==> flow/design.v <==
module cpu_cmp_unit_v2 #(
   parameter DATA_W = 36
) (
   input CLK,
   input reset,
   input signed [DATA_W-1:0] in_dataa,
   input signed [DATA_W-1:0] in_datab,
   output out_is_lt,
   output out_is_eq,
   output out_a_gt_b
);
   reg is_lt_ff;
   always @(posedge CLK) begin
      if (reset) begin
         is_lt_ff <= 1'b0;
      end else begin
         is_lt_ff <= (in_dataa < in_datab);
      end
   end
   assign out_is_lt = is_lt_ff;
   reg is_eq_ff;
   always @(posedge CLK) begin
      if (reset) begin
         is_eq_ff <= 1'b0;
      end else begin
         is_eq_ff <= (in_dataa == in_datab);
      end
   end
   assign out_is_eq = is_eq_ff;
   reg a_gt_b_ff;
   always @(posedge CLK) begin
      if (reset) begin
         a_gt_b_ff <= 1'b0;
      end else begin
         a_gt_b_ff <= (in_dataa > in_datab);
      end
   end
   assign out_a_gt_b = a_gt_b_ff;
endmodule
Subject: tool reports on cpu_cmp_unit_v2

Hi,

Tool chain data of cpu_cmp_unit_v2
Module cpu_cmp_unit_v2 in several versions that differ in "DATA_W"; each step lists the members.
The RTL above is that of DATA_W = 36; lines are counted from 1 in the file of the member named.
Library cell names are shortened.
A cell with n/a has no value.

set-up
  top module = cpu_cmp_unit_v2
  clock input = CLK
  standard-cell library = sky130hd
  corner = tt_025C_1v80

Source of the members
New or changed lines of each further member against the RTL above, in its own file; lines it lacks are not shown.

lines new or changed
  DATA_W  RTL line  text
  40      2         parameter DATA_W = 40
  80      2         parameter DATA_W = 80

Word level
Yosys after proc, flatten, opt, wreduce and memory -nomap, before mapping. Enables and synchronous resets that opt folds into registers are not counted as muxes. Memory bits, and registers merged into a memory's read port (data or address), are not among the register bits. Print and check cells are not counted. Equal cells are merged and count once.

operators by class
  DATA_W  magnitude comparators  equality and inequality tests
  36      2                      1
  40      2                      1
  80      2                      1

operators by type and width
  DATA_W  kind and count
  36      greater-than comparator 36 bit (1); less-than comparator 36 bit (1); == test 36 bit (1)
  40      greater-than comparator 40 bit (1); less-than comparator 40 bit (1); == test 40 bit (1)
  80      greater-than comparator 80 bit (1); less-than comparator 80 bit (1); == test 80 bit (1)

bit counts
  DATA_W  input port bits  word-level cells  output and inout port bits  register bits after elaboration
  36      74               6                 3                           3
  40      82               6                 3                           3
  80      162              6                 3                           3

Longest topological paths
Depth = most cells in a row (Yosys ltp): at word level without a register or memory, in the mapped netlist without a sequential cell, where the memories' decode and read muxes count.

depth
  DATA_W  word-level depth  ABC_AREA  gate-level depth with buffers  mapped depth without buffers
  36      1                 0         8                              8
  40      1                 0         8                              8
  80      1                 0         9                              9

After synthesis
The flow's flattened synthesis, as Yosys stat reports it; memories are mapped. The netlist is that of the ABC_AREA named above (0 if unset); the other value can give another one.

cell types
  DATA_W  type and count
  36      ha_1 (36); inv_1 (37); a21oi_1 (15); dfxtp_1 (3); nand4_4 (2); nand4_1 (5); nand2_1 (7); o21ai_0 (5); nor4_4 (1); mux2i_1 (2); nand3_1 (4); nand4_2 (1); o211ai_2 (1); a221o_1 (1); nor3_1 (2); o211a_1 (1); a211o_1 (1); a21o_2 (1); (+12)
  40      ha_1 (40); inv_1 (43); a21oi_1 (17); nand4_1 (10); dfxtp_1 (3); nor3_1 (6); o21ai_0 (6); nand3_1 (4); nand2_1 (5); a211o_1 (2); a2111oi_2 (1); a211oi_1 (2); a21o_1 (2); nor2b_4 (1); nor4_1 (2); o211ai_2 (1); a21boi_2 (1); nor2_1 (3); (+9)
  80      ha_1 (80); inv_1 (83); a21oi_1 (31); nand4_1 (15); nand2_1 (19); dfxtp_1 (3); o21ai_0 (11); a21o_1 (7); nand3_1 (7); nor2_1 (7); nor4_1 (4); a211oi_1 (3); nor4_4 (1); mux2i_1 (2); nor2b_1 (3); a221oi_1 (2); a2111oi_2 (1); nor3_1 (3); (+14)

The mark (+n) counts cells that are not listed.

synthesis totals
  DATA_W  flip-flop cells  standard cells after synthesis  chip area (Yosys) (mm2)
  36      3                137                             0.0010685
  40      3                158                             0.0011649
  80      3                296                             0.0021358

Worst setup path after synthesis
Source: OpenSTA report_checks on the synthesized netlist (no wires, ideal clock, input and output delay 20% of the period each), path of least setup slack; recovery checks are left aside. Register names are those of the netlist, which keeps one name where synthesis merged equal registers.

timing path post-synthesis
  DATA_W  path kind  start                    end                 path delay (ps)  setup slack (ps)  stages on the path  period (ps)  synthesis period reached (ps)
  36      in2reg     input port in_datab[18]  register a_gt_b_ff  1476             372               8                   2310         1938
  40      in2reg     input port in_datab[1]   register is_lt_ff   1601             399               8                   2500         2101
  80      in2reg     input port in_datab[53]  register a_gt_b_ff  1697             423               9                   2650         2227

"path delay" = arrival - input delay + setup time.
"stages on the path" counts driving pins, that of a launching flip-flop among them; a cell with two outputs on the path counts twice.
"synthesis period reached" = period - worst setup slack (recovery checks aside). The figure is calculated, with input and output delays left at 20% of the set period.
The rows between start and end are the longest chain of elaborated cells between them; the timing report does not say that the signal goes this way. Where chains are equally long, one stands for them.
A line is the first line of the expression or statement that the cell stems from. Yosys adds cells for indexed reads and writes and turns some case tables into memories.

between the ends, post-synthesis, DATA_W = 36
  length of the longest elaborated chain = 1

ends and longest elaborated chain, post-synthesis, DATA_W = 36
  item                            RTL line  text
  start, declared                 7         input signed [DATA_W-1:0] in_datab,
  greater-than comparator 36 bit  35        a_gt_b_ff <= (in_dataa > in_datab);
  end, assigned                   33        a_gt_b_ff <= 1'b0;
  end, assigned                   35
  end, declared                   30        reg a_gt_b_ff;

between the ends, post-synthesis, DATA_W = 80
  length of the longest elaborated chain = 1

ends and longest elaborated chain, post-synthesis, DATA_W = 80
  item                            RTL line  text
  start, declared                 7         input signed [DATA_W-1:0] in_datab,
  greater-than comparator 80 bit  35        a_gt_b_ff <= (in_dataa > in_datab);
  end, assigned                   33        a_gt_b_ff <= 1'b0;
  end, assigned                   35
  end, declared                   30        reg a_gt_b_ff;

Worst path after layout
Path of least setup slack in the final report of the run of each member (OpenROAD, finished layout, wires in). Where an end is a register, its clock arrival counts in the times.
The report prints the path's times to 10 ps; the period is as set.

timing path after layout
  DATA_W  path kind  start                    end                 setup slack (ps)  period (ps)  path buffers  stages on the path  arrival (ps)
  36      in2reg     input port in_datab[27]  register a_gt_b_ff  70                2310         1             9                   2400
  40      in2reg     input port in_datab[5]   register is_lt_ff   120               2500         1             8                   2550
  80      in2reg     input port in_datab[61]  register a_gt_b_ff  100               2650         1             10                  2700

Measured runs
One run of the flow (Yosys, OpenROAD) for each member, with settings and measured results. Input and output delays are each 20% of the period that was set; the output load is 0.01 pF.

settings
  CAP_MARGIN = 20
  CORE_MARGIN = 2
  CORE_UTILIZATION = 40
  SLEW_MARGIN = 20

settings by member
  DATA_W  period_ns
  36      2.31
  40      2.5
  80      2.65

final reports
  DATA_W  clock period reached (ps)  chip area after synthesis (Yosys) (mm2)  post-route worst hold slack (ps)  utilization  overall power (W)  lowest setup slack (ps)  die area (mm2)  total negative setup slack (ps)  standard-cell area of the final layout (mm2)
  36      2239                       0.0010685                                831                               0.803        0.0004783          71                       0.0031008       0                                0.0020082
  40      2381                       0.0011649                                880                               0.802        0.0004768          119                      0.0033599       0                                0.0022109
  80      2549                       0.0021358                                955                               0.811        0.000761           101                      0.0059398       0                                0.004169

"clock period reached" means the clock period less the worst setup slack. The figure is calculated, with input and output delays left at 20% of the set period.
"overall power" rests on the timing tool's default activity at the inputs, not on a simulated workload.

Regards
